==> flow/design.v <==
module cpu_mul_core #(
    parameter integer DW = 7
) (
    input logic ck,
    input logic rst_n,
    input logic adv,
    input logic [DW-1:0] opa,
    input logic [DW-1:0] opb,
    output logic [2*DW-1:0] q
);
    always_ff @(posedge ck or negedge rst_n) begin
        if (~rst_n) begin
            q <= 0;
        end else if (adv) begin
            q <= opa * opb;
        end
    end
endmodule
Reports on cpu_mul_core
The steps from the RTL of cpu_mul_core to its reports follow in flow order.
Lines are those of the file above, counted from 1.
Operators carry their Yosys type and port widths (W data, S select, Z words).
Cell names lack the library's common part.
{ "design": {"top": "cpu_mul_core", "clock": "ck", "lib": "sky130hd", "corner": "tt_025C_1v80"} }

Elaborated design
Yosys after proc, flatten, opt, wreduce and memory -nomap, before mapping. Enables and synchronous resets that opt folds into registers are not counted as muxes. Memory bits, and registers merged into a memory's read port (data or address), are not among the register bits. Print and check cells are not counted. Equal cells are merged and count once.
{ "classes": {"n_addsub": 0, "mul": 1, "n_div": 0, "cmp": 0, "equal": 0, "n_shift": 0, "muxes": 0, "bitwise": 0, "reduce_logical": 0} }
{ "op_table": {"columns": ["operator", "n"], "rows": [
  ["$mul A7 B7 Y14", 1]
]} }
{ "word_totals": {"ff_bits": 14, "latchBits": 0, "ramBits": 0, "romBits": 0, "clocked_rd_ports_x_width": 0, "memories": 0, "inputBits": 17, "out_inout_bits": 14, "elab_cells": 2} }

Depth
Longest topological path by Yosys (ltp), each cell counted once; first at word level (registers and memories cut), then after technology mapping (sequential cells cut; the memories' decode and read muxes count).
{ "depth": {"depth_word": 1, "ABC_AREA": 0, "depth_mapped": 14, "mapped_depth_nobuf": 14} }

Synthesis result
Source: synth_stat.txt of the flow (Yosys; design flattened, memories mapped). It holds for the ABC_AREA given above (unset counts as 0); a run with the other value may have another netlist.
{ "mapped": {"stdcells": 234, "area_um2": 2164.6, "seqArea_um2": 350.3, "ff_cells": 14, "n_buf": 6} }
{ "types": {"columns": ["type", "n", "area_total_um2"], "rows": [
  ["fa_1", 24, 480.461],
  ["ha_1", 32, 400.384],
  ["dfrtp_1", 14, 350.336],
  ["and2_1", 25, 156.4],
  ["nand2_1", 30, 112.608],
  ["inv_1", 29, 108.854],
  ["mux2_2", 5, 56.304],
  ["a21oi_1", 8, 40.038],
  ["o21ai_0", 8, 40.038],
  ["xnor2_1", 3, 26.275],
  ["nand3_1", 5, 25.024],
  ["nand4_1", 4, 25.024],
  ["nor2b_1", 4, 25.024],
  ["a211oi_1", 3, 22.522],
  ["a21o_1", 3, 22.522],
  ["o311ai_2", 1, 16.266],
  ["buf_2", 3, 15.014],
  ["o211ai_1", 2, 15.014]
]} }
Not listed: further types 24, cells in them 31.

Path before layout
OpenSTA on the mapped netlist: ideal clock, no wires. The path of least setup slack (recovery checks aside). Input and output delay are each 20% of the period. Register names are those of the netlist, which keeps one name where synthesis merged equal registers.
{ "synth_path": {"path_kind": "input -> register", "start": "in opa[0]", "end": "reg q[9]", "tclk_ns": 5.38, "in_delay_ns": 1.076, "setup_ns": 0.120, "launch_ns": 1.076, "t_arrival_ns": 4.402, "required_ns": 5.260, "slack_ns": 0.859, "path_delay_ns": 3.446, "path_stages": 13, "path_buffers": 0, "synth_period_reached_ns": 4.521} }
"path_delay_ns" = arrival - input delay + setup time.
"path_stages" counts driving pins, that of a launching flip-flop among them; a cell with two outputs on the path counts twice.
"synth_period_reached_ns" is the clock period less the worst setup slack; recovery checks do not enter. This is arithmetic on one report: input and output delays are still those of the set period (20% each).
The rows between start and end are the longest chain of elaborated cells between them; the timing report does not say that the signal goes this way. Where chains are equally long, one stands for them.
Each line given opens the expression or statement behind the cell; cells for indexed reads and writes are added by Yosys, which also makes memories of some case tables.
{ "synth_between": {"cell_sequence": "nand2_1 -> fa_1 -> fa_1 -> inv_1 -> fa_1 -> inv_1 -> fa_1 -> inv_1 -> ha_1 -> a21oi_1 -> o211ai_2 -> a21o_1 -> a31o_1", "elab_chain_len": 1, "cells_between": 1, "lines_between": 1, "cone_classes": "1 x mul"} }
{ "synth_lines": {"columns": ["element", "line_no", "text"], "rows": [
  ["start: declaration", 7, "input logic [DW-1:0] opa,"],
  ["$mul A7 B7 Y14", 15, "q <= opa * opb;"],
  ["end: assignment", 13, "q <= 0;"],
  ["end: assignment", 15, null],
  ["end: declaration", 9, "output logic [2*DW-1:0] q"]
]} }

Timing after layout
Path of least setup slack in the final report of stored run 1 (OpenROAD, finished layout, wires in). Where an end is a register, its clock arrival counts in the times.
{ "layout_path": {"path_kind": "input -> register", "start": "in opb[5]", "end": "reg q[9]", "tclk_ns": 5.38, "in_delay_ns": 1.08, "setup_ns": 0.11, "launch_ns": 1.08, "t_arrival_ns": 5.19, "required_ns": 5.51, "slack_ns": 0.33, "path_stages": 14, "path_buffers": 1} }
The rows between start and end are the longest chain of elaborated cells between them; the timing report does not say that the signal goes this way. Where chains are equally long, one stands for them.
{ "layout_between": {"cell_sequence": "clkdlybuf4s50_1 -> nand2_1 -> fa_1 -> fa_1 -> inv_1 -> fa_1 -> inv_1 -> fa_1 -> inv_1 -> ha_1 -> a21oi_1 -> o211ai_2 -> a21o_1 -> a31o_1", "elab_chain_len": 1, "cells_between": 1, "lines_between": 1, "cone_classes": "1 x mul"} }
{ "layout_lines": {"columns": ["element", "line_no", "text"], "rows": [
  ["start: declaration", 8, "input logic [DW-1:0] opb,"],
  ["$mul A7 B7 Y14", 15, "q <= opa * opb;"],
  ["end: assignment", 13, "q <= 0;"],
  ["end: assignment", 15, null],
  ["end: declaration", 9, "output logic [2*DW-1:0] q"]
]} }

Module cpu_mul_core, platform sky130hd: 3 stored runs of the flow (Yosys, OpenROAD) with differing settings, in no particular order. Input and output delays are each 20% of the period that was set; the output load is 0.01 pF.
"worst setup path time (ns)" is the time allowed to the run's worst setup path (the clock period less input and output delay, where it has them) less its slack. Clock arrival times count: a late capture clock shortens it, a late launch clock lengthens it.

settings of stored run 1
{
  "period_ns": 5.38,
  "CAP_MARGIN": 20,
  "CORE_MARGIN": 2,
  "CORE_UTILIZATION": 40,
  "SLEW_MARGIN": 20
}
report of stored run 1
yosys chip area after synthesis (um^2): 2164.6
finish__design__die__area: 6015.6
finish__design__instance__area__stdcell: 2671.3
finish__design__instance__utilization: 0.5164
finish__timing__setup__ws: 0.325
finish__timing__setup__tns: 0.000
worst setup path time (ns): 3.98
worst setup path kind: input -> register

settings of stored run 2
{
  "period_ns": 2.88,
  "CORE_UTILIZATION": 30,
  "SETUP_SLACK_MARGIN": 0.3,
  "PLACE_DENSITY_LB_ADDON": 0.25,
  "CELL_PAD_IN_SITES_GLOBAL_PLACEMENT": 2,
  "CELL_PAD_IN_SITES_DETAIL_PLACEMENT": 0,
  "CTS_CLUSTER_DIAMETER": 88,
  "SLEW_MARGIN": 30,
  "MIN_ROUTING_LAYER": "met1",
  "CAP_MARGIN": 20,
  "CORE_MARGIN": 2
}
report of stored run 2
yosys chip area after synthesis (um^2): 2164.6
finish__design__die__area: 7910.3
finish__design__instance__area__stdcell: 3236.8
finish__design__instance__utilization: 0.4687
finish__timing__setup__ws: -0.844
finish__timing__setup__tns: -6.421
worst setup path time (ns): 3.15
worst setup path kind: input -> register

settings of stored run 3
{
  "period_ns": 4.23,
  "CORE_UTILIZATION": 50,
  "SETUP_SLACK_MARGIN": 1.04,
  "PLACE_DENSITY_LB_ADDON": 0.13,
  "CORE_ASPECT_RATIO": 0.56,
  "TNS_END_PERCENT": 5,
  "CTS_CLUSTER_SIZE": 79,
  "CTS_CLUSTER_DIAMETER": 378,
  "CAP_MARGIN": 15,
  "SLEW_MARGIN": 5,
  "CORE_MARGIN": 2
}
report of stored run 3
yosys chip area after synthesis (um^2): 2164.6
finish__design__die__area: 4893.6
finish__design__instance__area__stdcell: 3099.2
finish__design__instance__utilization: 0.7669
finish__timing__setup__ws: 0.091
finish__timing__setup__tns: 0.000
worst setup path time (ns): 3.29
worst setup path kind: input -> register
